==> flow/design.v <==
module my_mul_n (ck, i_rst_n, dataa, datab, start, prod, ready);
  parameter NBITS = 32;
  input ck;
  input i_rst_n;
  input [NBITS-1:0] dataa;
  input [NBITS-1:0] datab;
  input start;
  output [2*NBITS-1:0] prod;
  output ready;
  reg [NBITS-1:0] dataa_ff;
  reg [NBITS-1:0] datab_ff;
  reg start_ff;
  always @(posedge ck) begin
    if (~i_rst_n) begin
      dataa_ff <= 0;
      datab_ff <= 0;
      start_ff <= 1'b0;
    end else begin
      dataa_ff <= dataa;
      datab_ff <= datab;
      start_ff <= start;
    end
  end
  localparam LOGN = $clog2(NBITS + 1);
  reg [NBITS-1:0] mcand;
  reg [LOGN-1:0] ctr;
  always @(posedge ck) begin
    if (~i_rst_n) begin
      mcand <= 0;
      ctr <= 0;
    end else begin
      mcand <= start_ff ? dataa_ff : mcand;
      ctr <= start_ff ? NBITS : (ctr != 0) ? ctr - 1'b1 : ctr;
    end
  end
  reg [2*NBITS-1:0] state;
  wire [NBITS:0] r;
  assign r = state[2*NBITS-1:NBITS] + (state[0] ? mcand : {NBITS{1'b0}});
  always @(posedge ck) begin
    if (~i_rst_n) begin
      state <= 0;
    end else begin
      state <= start_ff ? {{NBITS{1'b0}}, datab_ff} : (ctr != 0) ? {r, state[NBITS-1:1]} : state;
    end
  end
  assign prod = state;
  assign ready = (ctr == 0);
endmodule
From RTL to reports: my_mul_n
The steps from the RTL of my_mul_n to its reports follow in flow order. Lines are those of the file above, counted from 1. Operators carry their Yosys type and port widths (W data, S select, Z words). Cell names lack the library's common part. The mark - stands for no value.

Design top: my_mul_n. Clock: ck. Library: sky130hd. Timing corner: tt_025C_1v80.

Elaborated design
Counts by Yosys on the flattened word-level netlist (proc, flatten, opt, wreduce; memories kept). Register bits leave out memories and registers merged into their read ports (data or address). Print and check cells are left out. Cells with the same type and inputs are merged into one.

Input bits: 67. The entry for flip-flop bits (word level) reads 167.

Add/subtract/negate cells: 2. Under reduce/logical cells stands 4. The figure for multiplexer cells is 5. For bitwise operators the number is 1.

Operator list (number): $mux W32 (3); $add A32 B32 Y33 (1); $mux W6 (2); $sub A6 B1 Y6 const B (1); $logic_not A6 Y1 (1); $reduce_bool A6 Y1 (1); $reduce_bool A2 Y1 (1); $reduce_or A2 Y1 (1); $not A1 Y1 (1).

Depth
Depth = most cells in a row (Yosys ltp): at word level without a register or memory, in the mapped netlist without a sequential cell, where the memories' decode and read muxes count.

The entry for word-level depth reads 4. The figure for ABC_AREA is 0. Depth in mapped cells: 11. The figure for gate-level depth less buffers is 10.

Synthesis result
Source: synth_stat.txt of the flow (Yosys; design flattened, memories mapped). It holds for the ABC_AREA given above (unset counts as 0); a run with the other value may have another netlist.

Cells by type: dfxtp_1 (number 167, area in all 3.34E+03 um^2); and2_1 (number 100, area in all 625.6 um^2); a21oi_1 (number 115, area in all 575.552 um^2); nand2_1 (number 125, area in all 469.2 um^2); nor2b_1 (number 69, area in all 431.664 um^2); ha_1 (number 34, area in all 425.408 um^2); mux2i_1 (number 35, area in all 350.336 um^2); o21ai_0 (number 37, area in all 185.178 um^2); clkbuf_1 (number 49, area in all 183.926 um^2); xnor2_1 (number 16, area in all 140.134 um^2); nor2_1 (number 35, area in all 131.376 um^2); xor2_1 (number 10, area in all 87.584 um^2); a21o_1 (number 9, area in all 67.565 um^2); nand4_1 (number 10, area in all 62.56 um^2); and3_1 (number 8, area in all 50.048 um^2); a211oi_1 (number 6, area in all 45.043 um^2); nor3_1 (number 9, area in all 45.043 um^2); o21a_1 (number 6, area in all 45.043 um^2).

Not listed: further types 37, cells in them 73.

For chip area (Yosys) the number is 7805.0 um^2. The figure for flip-flops is 167. The figure for sequential area is 3343.2 um^2. For cell count the number is 913.

Worst setup path after synthesis
Path of least setup slack by OpenSTA after synthesis, without wires, with an ideal clock, recovery checks aside; 20% of the period is set as input and as output delay. Where synthesis merged equal registers, the netlist keeps one of their names.

Path type: flip-flop to flip-flop. Start: register state[0]. End: register state[60]. For arrival time the number is 2.594 ns. For slack the number is 0.672 ns. Under library setup time stands 0.085 ns. The figure for delay of the path is 2.679 ns. Launch time at the first pin: 0.000 ns. Under driving pins on the path stands 12. The figure for period is 3.35 ns. For synthesis period reached the number is 2.678 ns.

"delay of the path" is the arrival time less input delay plus setup time. "driving pins on the path": output pins that drive a net of the path, with the launching flip-flop's if there is one; two outputs of one cell count as two. "synthesis period reached" is the clock period less the worst setup slack; recovery checks do not enter. This is arithmetic on one report: input and output delays are still those of the set period (20% each). Between the ends stands the longest chain of elaborated cells between them, by number of cells; it is not shown to be the way that was timed. Of several equally long chains one is given. Each line given opens the expression or statement behind the cell; cells for indexed reads and writes are added by Yosys, which also makes memories of some case tables.

Cell sequence: dfxtp_1 -> clkbuf_1 -> and2_1 -> ha_1 -> buf_2 -> nand4_2 -> nor2_2 -> o211ai_2 -> a211o_1 -> or4_4 -> and3_4 -> o31ai_2. The figure for length of the longest elaborated chain is 2. The figure for elaborated cells between the ends (all ways) is 2. Those cells by class: add/sub (1); mux (1).

Ends and longest elaborated chain, after synthesis: start: declaration (line 36) `reg [2*NBITS-1:0] state;`; start: assignment (line 41) `state <= 0;`; start: assignment (line 43) `state <= start_ff ? {{NBITS{1'b0}}, datab_ff} : (ctr != 0) ? {r, state[NBITS-1:1]} : state;`; $mux W32 (line 38) `assign r = state[2*NBITS-1:NBITS] + (state[0] ? mcand : {NBITS{1'b0}});`; $add A32 B32 Y33 (line 38); end: assignment (line 41); end: assignment (line 43); end: declaration (line 36).

Timing after layout
Path of least setup slack in the final report of record 1 (OpenROAD, finished layout, wires in). Where an end is a register, its clock arrival counts in the times.

Path type: flip-flop to flip-flop. Start: register state[0]. End: register state[58]. For slack the number is 0.44 ns. Under library setup time stands 0.09 ns. For arrival time the number is 3.25 ns. Launch time at the first pin: 0.42 ns. The figure for period is 3.35 ns. Under driving pins on the path stands 10.

Between the ends stands the longest chain of elaborated cells between them, by number of cells; it is not shown to be the way that was timed. Of several equally long chains one is given.

Cell sequence: dfxtp_2 -> and2_1 -> ha_1 -> a211oi_1 -> o21bai_4 -> o21ai_0 -> o211a_1 -> o31ai_2 -> and4_1 -> nor4_1. The figure for length of the longest elaborated chain is 2. The figure for elaborated cells between the ends (all ways) is 2. Those cells by class: add/sub (1); mux (1).

Ends and longest elaborated chain, after layout: start: declaration (line 36) `reg [2*NBITS-1:0] state;`; start: assignment (line 41) `state <= 0;`; start: assignment (line 43) `state <= start_ff ? {{NBITS{1'b0}}, datab_ff} : (ctr != 0) ? {r, state[NBITS-1:1]} : state;`; $mux W32 (line 38) `assign r = state[2*NBITS-1:NBITS] + (state[0] ? mcand : {NBITS{1'b0}});`; $add A32 B32 Y33 (line 38); end: assignment (line 41); end: assignment (line 43); end: declaration (line 36).

Measured data: module my_mul_n, platform sky130hd, 2 stored runs of the flow under differing settings, order arbitrary. Input and output delays are each 20% of the period that was set; the output load is 0.01 pF. "period reached" means the clock period less the worst setup slack. The figure is calculated, with input and output delays left at 20% of the set period. By "worst setup path time" is meant the share of the clock period that the worst setup path is allowed (20% is reserved at inputs, 20% at outputs), minus its slack. Clock arrival times at its registers enter into it. By "total power after layout" is meant OpenSTA's value without simulated activity: inputs other than the clock are taken to toggle once in ten clock periods, and the tool carries that through the logic.

Record 1 has these settings: period_ns 3.35; CAP_MARGIN 20; CORE_MARGIN 2; CORE_UTILIZATION 40; SLEW_MARGIN 20. The synthesized cell area stands at 7805.0 um^2. The measured full die area is 20645.4 um^2. The standard-cell area after layout reads 9929.5 um^2. The post-route utilization stands at 0.514. The measured smallest setup slack is 0.437 ns. For the setup total negative slack the run shows 0.000 ns. The worst hold slack in the final report reads 0.476 ns. The total power after layout reads 5.509 mW. For the period reached the run shows 2.913 ns. For the worst setup path time the run shows 2.91 ns. Type of the worst setup path: flip-flop to flip-flop.

Record 2 has these settings: period_ns 4.21; CORE_UTILIZATION 67; SETUP_SLACK_MARGIN 0.3; PLACE_DENSITY_LB_ADDON 0.15; TNS_END_PERCENT 85; ABC_AREA 1; GPL_TIMING_DRIVEN 0; GPL_ROUTABILITY_DRIVEN 0; CTS_CLUSTER_SIZE 73; CAP_MARGIN 20; CORE_MARGIN 2; SLEW_MARGIN 20. The synthesized cell area stands at 8366.8 um^2. The measured full die area is 13398.1 um^2. The standard-cell area after layout reads 10481.3 um^2. The post-route utilization stands at 0.865. The measured smallest setup slack is 0.878 ns. For the setup total negative slack the run shows 0.000 ns. The worst hold slack in the final report reads 0.459 ns. The total power after layout reads 5.913 mW. For the period reached the run shows 3.332 ns. For the worst setup path time the run shows 2.49 ns. Type of the worst setup path: flip-flop to output port.
